==> flow/design.v <==
module sum_block_stage #(
    parameter int DATA_WIDTH = 5
) (
    input logic i_clk,
    input logic rst_ni,
    input logic clk_en,
    input logic [DATA_WIDTH-1:0] A,
    input logic [DATA_WIDTH-1:0] B,
    input logic [DATA_WIDTH-1:0] C,
    output logic [DATA_WIDTH+1:0] s
);
    logic [DATA_WIDTH-1:0] A_q;
    logic [DATA_WIDTH-1:0] B_q;
    logic [DATA_WIDTH-1:0] C_q;
    always_ff @(posedge i_clk or negedge rst_ni) begin
        if (~rst_ni) begin
            A_q <= '0;
            B_q <= '0;
            C_q <= '0;
            s <= '0;
        end else if (clk_en) begin
            A_q <= A;
            B_q <= B;
            C_q <= C;
            s <= A_q + B_q + C_q;
        end
    end
endmodule
Ticket comment

Step by step through the tools: sum_block_stage
Module sum_block_stage in several versions that differ in "DATA_WIDTH"; each step lists the members.
The RTL above is that of DATA_WIDTH = 5; lines are counted from 1 in the file of the member named.
Cell names lack the library's common part.
A cell with n/a has no value.
Inputs
  top: sum_block_stage
  clock: i_clk
  library: sky130hd
  library corner: tt_025C_1v80

Source of the members
Lines of each other member's file that are new or changed against the file above; lines that a member lacks are not shown.
New or changed lines
  DATA_WIDTH 6: line 2  | parameter int DATA_WIDTH = 6
  DATA_WIDTH 7: line 2  | parameter int DATA_WIDTH = 7
  DATA_WIDTH 8: line 2  | parameter int DATA_WIDTH = 8
  DATA_WIDTH 32: line 2  | parameter int DATA_WIDTH = 32
  DATA_WIDTH 64: line 2  | parameter int DATA_WIDTH = 64
  DATA_WIDTH 80: line 2  | parameter int DATA_WIDTH = 80

Word level
Source: Yosys, flattened and elaborated, memories not mapped. Widths are those after wreduce; folded enables and synchronous resets count as part of the registers. Registers that Yosys merges into a memory's read port (data or address) are not register bits. Print and check cells do not count. Equal cells are merged and count once.
Bit counts
  DATA_WIDTH 5: flip-flop bits (word level) 22, elaborated cells 6
  DATA_WIDTH 6: flip-flop bits (word level) 26, elaborated cells 6
  DATA_WIDTH 7: flip-flop bits (word level) 30, elaborated cells 6
  DATA_WIDTH 8: flip-flop bits (word level) 34, elaborated cells 6
  DATA_WIDTH 32: flip-flop bits (word level) 130, elaborated cells 6
  DATA_WIDTH 64: flip-flop bits (word level) 258, elaborated cells 6
  DATA_WIDTH 80: flip-flop bits (word level) 322, elaborated cells 6
Operators by class ($add $sub $neg)
  DATA_WIDTH 5: 2
  DATA_WIDTH 6: 2
  DATA_WIDTH 7: 2
  DATA_WIDTH 8: 2
  DATA_WIDTH 32: 2
  DATA_WIDTH 64: 2
  DATA_WIDTH 80: 2
Operator list (kind and count)
  DATA_WIDTH 5: adder 6 x 5 -> 7 bit (1); adder 5 x 5 -> 6 bit (1)
  DATA_WIDTH 6: adder 7 x 6 -> 8 bit (1); adder 6 x 6 -> 7 bit (1)
  DATA_WIDTH 7: adder 8 x 7 -> 9 bit (1); adder 7 x 7 -> 8 bit (1)
  DATA_WIDTH 8: adder 9 x 8 -> 10 bit (1); adder 8 x 8 -> 9 bit (1)
  DATA_WIDTH 32: adder 33 x 32 -> 34 bit (1); adder 32 x 32 -> 33 bit (1)
  DATA_WIDTH 64: adder 65 x 64 -> 66 bit (1); adder 64 x 64 -> 65 bit (1)
  DATA_WIDTH 80: adder 81 x 80 -> 82 bit (1); adder 80 x 80 -> 81 bit (1)

Depth
Longest topological path by Yosys (ltp), each cell counted once; first at word level (registers and memories cut), then after technology mapping (sequential cells cut; the memories' decode and read muxes count).
Depth
  DATA_WIDTH 5: depth after elaboration 2, ABC_AREA 0, mapped depth 8
  DATA_WIDTH 6: depth after elaboration 2, ABC_AREA 0, mapped depth 10
  DATA_WIDTH 7: depth after elaboration 2, ABC_AREA 0, mapped depth 10
  DATA_WIDTH 8: depth after elaboration 2, ABC_AREA 0, mapped depth 9
  DATA_WIDTH 32: depth after elaboration 2, ABC_AREA 0, mapped depth 11
  DATA_WIDTH 64: depth after elaboration 2, ABC_AREA 0, mapped depth 14
  DATA_WIDTH 80: depth after elaboration 2, ABC_AREA 0, mapped depth 15

Synthesis result
The flow's flattened synthesis, as Yosys stat reports it; memories are mapped. The netlist is that of the ABC_AREA named above (0 if unset); the other value can give another one.
Cells by type (types with counts)
  DATA_WIDTH 5: dfrtp_1 (22); mux2_2 (11); fa_1 (6); ha_1 (4); o21ai_0 (8); inv_1 (8); nand2_1 (8); a211oi_1 (3); a21oi_1 (3); nor2_1 (4); buf_6 (1); nand3_1 (2); nor4b_1 (1); o31a_1 (1); xnor2_1 (1); a21o_1 (1); buf_4 (1); o211ai_1 (1); (+4)
  DATA_WIDTH 6: dfrtp_1 (26); mux2_2 (14); fa_1 (7); ha_1 (5); inv_1 (13); o21ai_0 (8); nand2_1 (9); a21o_1 (3); xnor2_1 (2); a21oi_1 (3); mux2_4 (1); o21a_1 (2); buf_2 (2); o31a_1 (1); nor2_1 (2); o31ai_1 (1); a31oi_1 (1); nand4_1 (1); (+4)
  DATA_WIDTH 7: dfrtp_1 (30); mux2_2 (17); fa_1 (8); ha_1 (6); inv_1 (17); o21ai_0 (11); nand2_1 (9); buf_2 (4); mux2i_1 (2); o22ai_1 (3); a21oi_1 (3); nor2_1 (4); nor3_1 (3); o21a_1 (2); a211oi_2 (1); o31ai_2 (1); nand3_1 (2); a211o_1 (1); (+10)
  DATA_WIDTH 8: dfrtp_1 (34); fa_1 (9); mux2_2 (16); ha_1 (7); inv_1 (14); mux2_1 (4); o21ai_0 (9); nand2_1 (8); a211oi_2 (2); buf_2 (5); a21o_1 (3); mux2i_1 (2); o22ai_1 (3); o311ai_2 (1); a211oi_1 (2); nor2b_1 (2); nor2_1 (3); a21oi_1 (2); (+16)
  DATA_WIDTH 32: dfrtp_1 (130); mux2_2 (107); fa_1 (33); ha_1 (31); a21oi_1 (38); nand2_1 (42); o21ai_0 (20); a21o_1 (13); nand3_1 (18); nor2_1 (23); xnor2_1 (9); nand4_1 (11); a211oi_1 (9); inv_1 (18); clkbuf_1 (13); a211o_1 (5); xor2_1 (5); o211ai_1 (5); (+100)
  DATA_WIDTH 64: dfrtp_1 (258); mux2_2 (234); fa_1 (65); ha_1 (63); a21oi_1 (85); nand2_1 (81); xnor2_1 (30); o21ai_0 (44); a21o_1 (26); nor2_1 (51); clkbuf_1 (45); xor2_1 (19); nand4_1 (20); o21bai_1 (12); o21a_1 (11); nand3_1 (16); nor3_1 (15); inv_1 (17); (+131)
  DATA_WIDTH 80: dfrtp_1 (322); mux2_2 (301); fa_1 (81); ha_1 (79); a21oi_1 (109); xnor2_1 (40); o21ai_0 (67); nand2_1 (89); a21o_1 (35); xor2_1 (30); clkbuf_1 (65); nor2_1 (57); nand4_1 (33); o21bai_1 (23); inv_1 (36); nand3_1 (20); buf_2 (19); a211oi_1 (12); (+144)
The mark (+n) counts cells that are not listed.
Synthesis totals
  DATA_WIDTH 5: standard cells after synthesis 90, mapped area 1088.5 µm², flip-flops 22
  DATA_WIDTH 6: standard cells after synthesis 105, mapped area 1285.0 µm², flip-flops 26
  DATA_WIDTH 7: standard cells after synthesis 134, mapped area 1564.0 µm², flip-flops 30
  DATA_WIDTH 8: standard cells after synthesis 142, mapped area 1764.2 µm², flip-flops 34
  DATA_WIDTH 32: standard cells after synthesis 630, mapped area 7418.4 µm², flip-flops 130
  DATA_WIDTH 64: standard cells after synthesis 1223, mapped area 14640.3 µm², flip-flops 258
  DATA_WIDTH 80: standard cells after synthesis 1562, mapped area 18470.2 µm², flip-flops 322

Worst setup path after synthesis
OpenSTA on the mapped netlist: ideal clock, no wires. The path of least setup slack (recovery checks aside). Input and output delay are each 20% of the period. Register names are those of the netlist, which keeps one name where synthesis merged equal registers.
Timing path after synthesis
  DATA_WIDTH 5: path kind register -> register, start point reg A_q[1], end point reg s[5], period 2.37 ns, slack 0.474 ns, stages 7, path delay 1.896 ns, synthesis period reached 1.896 ns
  DATA_WIDTH 6: path kind register -> register, start point reg A_q[1], end point reg s[5], period 2.58 ns, slack 0.516 ns, stages 9, path delay 2.064 ns, synthesis period reached 2.064 ns
  DATA_WIDTH 7: path kind register -> register, start point reg A_q[1], end point reg s[7], period 2.72 ns, slack 0.548 ns, stages 8, path delay 2.172 ns, synthesis period reached 2.172 ns
  DATA_WIDTH 8: path kind register -> register, start point reg A_q[1], end point reg s[7], period 2.87 ns, slack 0.577 ns, stages 8, path delay 2.293 ns, synthesis period reached 2.293 ns
  DATA_WIDTH 32: path kind register -> register, start point reg A_q[1], end point reg s[29], period 3.58 ns, slack 0.714 ns, stages 10, path delay 2.866 ns, synthesis period reached 2.866 ns
  DATA_WIDTH 64: path kind register -> register, start point reg A_q[41], end point reg s[63], period 4.19 ns, slack 0.841 ns, stages 13, path delay 3.349 ns, synthesis period reached 3.349 ns
  DATA_WIDTH 80: path kind register -> register, start point reg A_q[35], end point reg s[74], period 4.31 ns, slack 0.863 ns, stages 13, path delay 3.447 ns, synthesis period reached 3.447 ns
"path delay" = arrival - input delay + setup time.
"stages" counts driving pins, that of a launching flip-flop among them; a cell with two outputs on the path counts twice.
"synthesis period reached" is the clock period less the worst setup slack; recovery checks do not enter. This is arithmetic on one report: input and output delays are still those of the set period (20% each).
Between the ends stands the longest chain of elaborated cells between them, by number of cells; it is not shown to be the way that was timed. Of several equally long chains one is given.
A line is the first line of the expression or statement that the cell stems from. Yosys adds cells for indexed reads and writes and turns some case tables into memories.
On the way, after synthesis, DATA_WIDTH = 5
  length of the longest elaborated chain: 2
RTL lines, path after synthesis, DATA_WIDTH = 5
  start, declared: line 12  | logic [DATA_WIDTH-1:0] A_q;
  start, assigned: line 17  | A_q <= '0;
  start, assigned: line 22  | A_q <= A;
  adder 5 x 5 -> 6 bit: line 25  | s <= A_q + B_q + C_q;
  adder 6 x 5 -> 7 bit: line 25
  end, assigned: line 20  | s <= '0;
  end, assigned: line 25
  end, declared: line 10  | output logic [DATA_WIDTH+1:0] s
On the way, after synthesis, DATA_WIDTH = 80
  length of the longest elaborated chain: 2
RTL lines, path after synthesis, DATA_WIDTH = 80
  start, declared: line 12  | logic [DATA_WIDTH-1:0] A_q;
  start, assigned: line 17  | A_q <= '0;
  start, assigned: line 22  | A_q <= A;
  adder 80 x 80 -> 81 bit: line 25  | s <= A_q + B_q + C_q;
  adder 81 x 80 -> 82 bit: line 25
  end, assigned: line 20  | s <= '0;
  end, assigned: line 25
  end, declared: line 10  | output logic [DATA_WIDTH+1:0] s

Path in the finished layout
From the final timing report of the run of each member: the path of least setup slack in the routed layout; clock arrival at registers is part of the times.
Timing path after layout
  DATA_WIDTH 5: path kind register -> register, start point reg A_q[1], end point reg s[5], period 2.37 ns, slack 0.36 ns, stages 7, arrival 2.24 ns, path buffers 0
  DATA_WIDTH 6: path kind register -> register, start point reg A_q[1], end point reg s[5], period 2.58 ns, slack 0.39 ns, stages 9, arrival 2.43 ns, path buffers 0
  DATA_WIDTH 7: path kind register -> register, start point reg A_q[1], end point reg s[7], period 2.72 ns, slack 0.43 ns, stages 8, arrival 2.46 ns, path buffers 0
  DATA_WIDTH 8: path kind register -> register, start point reg A_q[1], end point reg s[7], period 2.87 ns, slack 0.46 ns, stages 8, arrival 2.63 ns, path buffers 0
  DATA_WIDTH 32: path kind register -> register, start point reg A_q[1], end point reg s[29], period 3.58 ns, slack 0.50 ns, stages 10, arrival 3.39 ns, path buffers 0
  DATA_WIDTH 64: path kind register -> register, start point reg A_q[1], end point reg s[57], period 4.19 ns, slack 0.25 ns, stages 15, arrival 4.38 ns, path buffers 2
  DATA_WIDTH 80: path kind register -> register, start point reg A_q[1], end point reg s[75], period 4.31 ns, slack 0.31 ns, stages 16, arrival 4.43 ns, path buffers 2

Measured runs
One run of the flow (Yosys, OpenROAD) for each member, with settings and measured results. Input and output delays are each 20% of the period that was set; the output load is 0.01 pF.
Flow settings
  CAP_MARGIN: 20
  CORE_MARGIN: 2
  CORE_UTILIZATION: 40
  SLEW_MARGIN: 20
Settings that differ (period_ns)
  DATA_WIDTH 5: 2.37
  DATA_WIDTH 6: 2.58
  DATA_WIDTH 7: 2.72
  DATA_WIDTH 8: 2.87
  DATA_WIDTH 32: 3.58
  DATA_WIDTH 64: 4.19
  DATA_WIDTH 80: 4.31
Final reports
  DATA_WIDTH 5: Yosys chip area after synthesis 1088.5 µm², die outline area 3154.5 µm², standard-cell area of the final layout 1410.1 µm², utilization in the final report 55.9%, smallest setup slack 0.364 ns, total negative setup slack 0.000 ns, total power after layout 1106 uW, achieved period 2.006 ns
  DATA_WIDTH 6: Yosys chip area after synthesis 1285.0 µm², die outline area 3682.1 µm², standard-cell area of the final layout 1665.3 µm², utilization in the final report 54.5%, smallest setup slack 0.386 ns, total negative setup slack 0.000 ns, total power after layout 1189 uW, achieved period 2.194 ns
  DATA_WIDTH 7: Yosys chip area after synthesis 1564.0 µm², die outline area 4426.2 µm², standard-cell area of the final layout 2042.0 µm², utilization in the final report 54.9%, smallest setup slack 0.429 ns, total negative setup slack 0.000 ns, total power after layout 1507 uW, achieved period 2.291 ns
  DATA_WIDTH 8: Yosys chip area after synthesis 1764.2 µm², die outline area 4957.6 µm², standard-cell area of the final layout 2250.9 µm², utilization in the final report 52.4%, smallest setup slack 0.457 ns, total negative setup slack 0.000 ns, total power after layout 1593 uW, achieved period 2.413 ns
  DATA_WIDTH 32: Yosys chip area after synthesis 7418.4 µm², die outline area 19651.8 µm², standard-cell area of the final layout 9615.5 µm², utilization in the final report 53.2%, smallest setup slack 0.496 ns, total negative setup slack 0.000 ns, total power after layout 6662 uW, achieved period 3.084 ns
  DATA_WIDTH 64: Yosys chip area after synthesis 14640.3 µm², die outline area 38147.9 µm², standard-cell area of the final layout 18707.9 µm², utilization in the final report 51.5%, smallest setup slack 0.252 ns, total negative setup slack 0.000 ns, total power after layout 10815 uW, achieved period 3.938 ns
  DATA_WIDTH 80: Yosys chip area after synthesis 18470.2 µm², die outline area 47910.6 µm², standard-cell area of the final layout 23640.2 µm², utilization in the final report 52.0%, smallest setup slack 0.310 ns, total negative setup slack 0.000 ns, total power after layout 13598 uW, achieved period 4.000 ns
"achieved period": clock period set for the run, less the worst setup slack. It is reckoned from that one timing run; input and output delays stay at 20% of the period that was set.
By "total power after layout" is meant OpenSTA's value without simulated activity: inputs other than the clock are taken to toggle once in ten clock periods, and the tool carries that through the logic.
